==> flow/design.v <==
module my_rf #(
    parameter NWORDS = 20,
    parameter DW = 24,
    parameter IDX_W = $clog2(NWORDS)
) (
    input  ck,
    input  i_rst_n,
    input  step,
    input  in_write,
    input  [IDX_W-1:0] in_wr_idx,
    input  [DW-1:0] in_wdata,
    input  [IDX_W-1:0] in_rsel,
    output [DW-1:0] out_rdata
);
    reg write_reg;
    reg [IDX_W-1:0] wr_idx_reg;
    reg [DW-1:0] wdata_reg;
    always @(posedge ck or negedge i_rst_n) begin
        if (!i_rst_n) begin
            write_reg <= 1'b0;
            wr_idx_reg <= 0;
            wdata_reg <= 0;
        end else if (step) begin
            write_reg <= in_write;
            wr_idx_reg <= in_wr_idx;
            wdata_reg <= in_wdata;
        end
    end
    reg [DW-1:0] regs [0:NWORDS-1];
    always @(posedge ck) begin
        if (step && write_reg)
            regs[wr_idx_reg] <= wdata_reg;
    end
    reg [IDX_W-1:0] rsel_reg;
    always @(posedge ck or negedge i_rst_n) begin
        if (!i_rst_n) begin
            rsel_reg <= 0;
        end else if (step) begin
            rsel_reg <= in_rsel;
        end
    end
    assign out_rdata = regs[rsel_reg];
endmodule
### From RTL to reports: my_rf

The steps from the RTL of my_rf to its reports follow in flow order.
Line numbers count from 1 in the design file above.
Operators: Yosys type, input widths -> output width; for muxes data width and select width s.
Library cell names are shortened.
The mark n/a stands for no value.

| design | value |
|---|---|
| top module | my_rf |
| clock input | ck |
| standard-cell library | sky130hd |
| corner | tt_025C_1v80 |

### Word level

Source: Yosys, flattened and elaborated, memories not mapped. Widths are those after wreduce; folded enables and synchronous resets count as part of the registers. Registers that Yosys merges into a memory's read port (data or address) are not register bits. Print and check cells do not count. Equal cells are merged and count once.
Memory sizes are those after Yosys's memory passes, which may raise the word count (mostly to a power of two), join words into wider ones and drop unused or constant bits.

| word-level totals | value |
|---|---|
| register bits after elaboration | 35 |
| memory bits (writable) | 480 |
| memories | 1 |
| output and inout bits | 24 |
| word-level cells | 9 |

| cells by class | value |
|---|---|
| mux-type cells | 3 |
| reduce/logical cells | 1 |

Memory list:

| name | depth | width | read ports | wr ports | line | RTL |
|---|---|---|---|---|---|---|
| regs | 20 | 24 | 1 | 1 | 29 | `reg [DW-1:0] regs [0:NWORDS-1];` |

Operators by type and width:

| operator | number |
|---|---|
| $mux 24 | 1 |
| $mux 5 | 1 |
| $logic_and 1x1->1 | 1 |
| $mux 1 | 1 |

### Longest topological paths

Yosys ltp: most cells in a row. Word level: on the elaborated netlist, between registers, memories and ports. Mapped: between sequential cells and ports; inverters and the memories' decode and read muxes count.

| logic depth | value |
|---|---|
| depth after elaboration | 2 |
| ABC_AREA | 0 |
| gate-level depth with buffers | 7 |
| depth with buffers taken out | 4 |

### Mapped cells and area

Yosys stat after the flow's synthesis: flattened, memories mapped to cells. It holds for the ABC_AREA given above (unset counts as 0); a run with the other value may have another netlist.
Totals and module areas in this step are rounded.

Cell types:

| type | number | total area (um2) |
|---|---|---|
| edfxtp_1 | 480 | 1.44E+04 |
| mux2i_1 | 192 | 1.92E+03 |
| dfrtp_1 | 35 | 875.84 |
| mux4_2 | 24 | 540.518 |
| mux2_2 | 35 | 394.128 |
| nand2_1 | 75 | 281.52 |
| o22ai_2 | 20 | 250.24 |
| a211oi_1 | 24 | 180.173 |
| a22oi_1 | 24 | 180.173 |
| o22ai_1 | 28 | 175.168 |
| buf_4 | 23 | 172.666 |
| nand4_1 | 25 | 156.4 |
| nor2_1 | 24 | 90.086 |
| buf_2 | 15 | 75.072 |
| clkbuf_1 | 13 | 48.797 |
| buf_6 | 4 | 45.043 |
| buf_12 | 2 | 40.038 |
| nand4bb_1 | 2 | 22.522 |

Not listed: further types 8, cells in them 12.

| mapped netlist | value |
|---|---|
| mapped cells | 1,057 |
| mapped area | 20,000 um2 |
| area of sequential cells | 15,300 um2 |
| mapped flip-flops | 515 |
| buffer cells | 58 |

### Timing after synthesis

OpenSTA on the mapped netlist: ideal clock, no wires. The path of least setup slack (recovery checks aside). Input and output delay are each 20% of the period. Register names are those of the netlist, which keeps one name where synthesis merged equal registers.

| path post-synthesis | value |
|---|---|
| path type | input-to-reg |
| from | input step |
| to | memory regs[14][0] |
| period | 3.26 ns |
| input delay | 0.652 ns |
| time at the first pin | 0.652 ns |
| data arrival time | 2.331 ns |
| slack | 0.524 ns |
| delay of the path | 2.084 ns |
| driving pins on the path | 4 |
| synthesis period reached | 2.736 ns |

"delay of the path" is the arrival time less input delay plus setup time.
"driving pins on the path" counts driving pins, that of a launching flip-flop among them; a cell with two outputs on the path counts twice.
"synthesis period reached" = period - worst setup slack (recovery checks aside). The figure is calculated, with input and output delays left at 20% of the set period.
The rows between start and end are the longest chain of elaborated cells between them; the timing report does not say that the signal goes this way. Where chains are equally long, one stands for them.
A line is the first line of the expression or statement that the cell stems from. Yosys adds cells for indexed reads and writes and turns some case tables into memories.
The path ends at the enable pin of a flip-flop; only ways to that pin are counted.

| on the way, post-synthesis | value |
|---|---|
| cell sequence | buf_2 buf_2 nand4b_1 nor2_1 |
| length of the longest elaborated chain | 2 |
| elaborated cells between the ends (all ways) | 3 |
| RTL lines with such cells | 1 |
| those cells by class | 2 x mux; 1 x reduce/logical |

Ends and longest elaborated chain, post-synthesis:

| what | line | RTL |
|---|---|---|
| from (decl) | 8 | `input  step,` |
| $logic_and 1x1->1 | 31 | `if (step && write_reg)` |
| $mux 5 | 31 |  |
| to (decl) | 29 | `reg [DW-1:0] regs [0:NWORDS-1];` |

### Timing after layout

From the final timing report of flow run 1: the path of least setup slack in the routed layout; clock arrival at registers is part of the times.

| path after layout | value |
|---|---|
| path type | reg-to-output |
| from | register rsel_reg[0] |
| to | output out_rdata[2] |
| period | 2.84 ns |
| external output delay | 0.57 ns |
| time at the first pin | 0.60 ns |
| data arrival time | 2.61 ns |
| slack | -0.33 ns |
| driving pins on the path | 8 |

The rows between start and end are the longest chain of elaborated cells between them; the timing report does not say that the signal goes this way. Where chains are equally long, one stands for them.
The chain passes a memory read, where the word-level depth is cut; so it can be longer than that depth.

| on the way, after layout | value |
|---|---|
| cell sequence | dfrtp_4 buf_12 buf_12 buf_12 mux4_2 a211oi_4 nand2_2 buf_6 |
| length of the longest elaborated chain | 1 |
| elaborated cells between the ends (all ways) | 1 |
| RTL lines with such cells | 1 |
| those cells by class | 1 x memory |

Ends and longest elaborated chain, after layout:

| what | line | RTL |
|---|---|---|
| from (decl) | 34 | `reg [IDX_W-1:0] rsel_reg;` |
| from (assign) | 37 | `rsel_reg <= 0;` |
| from (assign) | 39 | `rsel_reg <= in_rsel;` |
| $mem_v2 20x24 | 29 | `reg [DW-1:0] regs [0:NWORDS-1];` |
| to (decl) | 13 | `output [DW-1:0] out_rdata` |

# Flow runs of my_rf

Top module my_rf; platform sky130hd; tools Yosys and OpenROAD; 3 stored runs in no particular order. Input and output delays are each 20% of the period that was set; the output load is 0.01 pF.
By "period reached" is meant the clock period of the run minus its worst setup slack. This is arithmetic on one report: input and output delays are still those of the set period (20% each).
"time on the worst setup path" is the time allowed to the run's worst setup path (the clock period less input and output delay, where it has them) less its slack. Clock arrival times count: a late capture clock shortens it, a late launch clock lengthens it.
By "total power after layout" is meant OpenSTA's value without simulated activity: inputs other than the clock are taken to toggle once in ten clock periods, and the tool carries that through the logic.
Values from the reports are rounded here.
A setting shown as -- is not set for that run.

| setting or result | flow run 1 | flow run 2 | flow run 3 |
|---|---|---|---|
| period_ns | 2.84 | 3.26 | 4.49 |
| CORE_UTILIZATION | 22 | 40 | 30 |
| SETUP_SLACK_MARGIN | -0.01 | -- | -- |
| PLACE_DENSITY_LB_ADDON | 0.09 | -- | 0.2 |
| CELL_PAD_IN_SITES_DETAIL_PLACEMENT | 1 | -- | -- |
| SLEW_MARGIN | 20 | 20 | 20 |
| MIN_ROUTING_LAYER | met1 | -- | met1 |
| MAX_ROUTING_LAYER | met5 | -- | -- |
| CAP_MARGIN | 20 | 20 | 25 |
| CORE_MARGIN | 2 | 2 | 2 |
| CORE_ASPECT_RATIO | -- | -- | 0.54 |
| ABC_AREA | -- | -- | 1 |
| GPL_TIMING_DRIVEN | -- | -- | 0 |
| CTS_CLUSTER_SIZE | -- | -- | 41 |
| synthesized cell area (um2) | 20,000 | 20,000 | 20,600 |
| full die area (um2) | 93,100 | 51,700 | 71,000 |
| total negative setup slack (ns) | -5.65 | 0.000 | 0.000 |
| worst setup slack after layout (ns) | -0.333 | 0.051 | 0.376 |
| period reached (ns) | 3.173 | 3.209 | 4.114 |
| time on the worst setup path (ns) | 2.61 | 2.56 | 3.22 |
| class of the worst setup path | reg-to-output | reg-to-output | reg-to-output |
| standard-cell area after routing (um2) | 26,200 | 24,000 | 24,600 |
| utilization of the finished layout (%) | 29.1 | 48.9 | 36.3 |
| total power after layout (µW) | 17,800 | 14,600 | 11,200 |
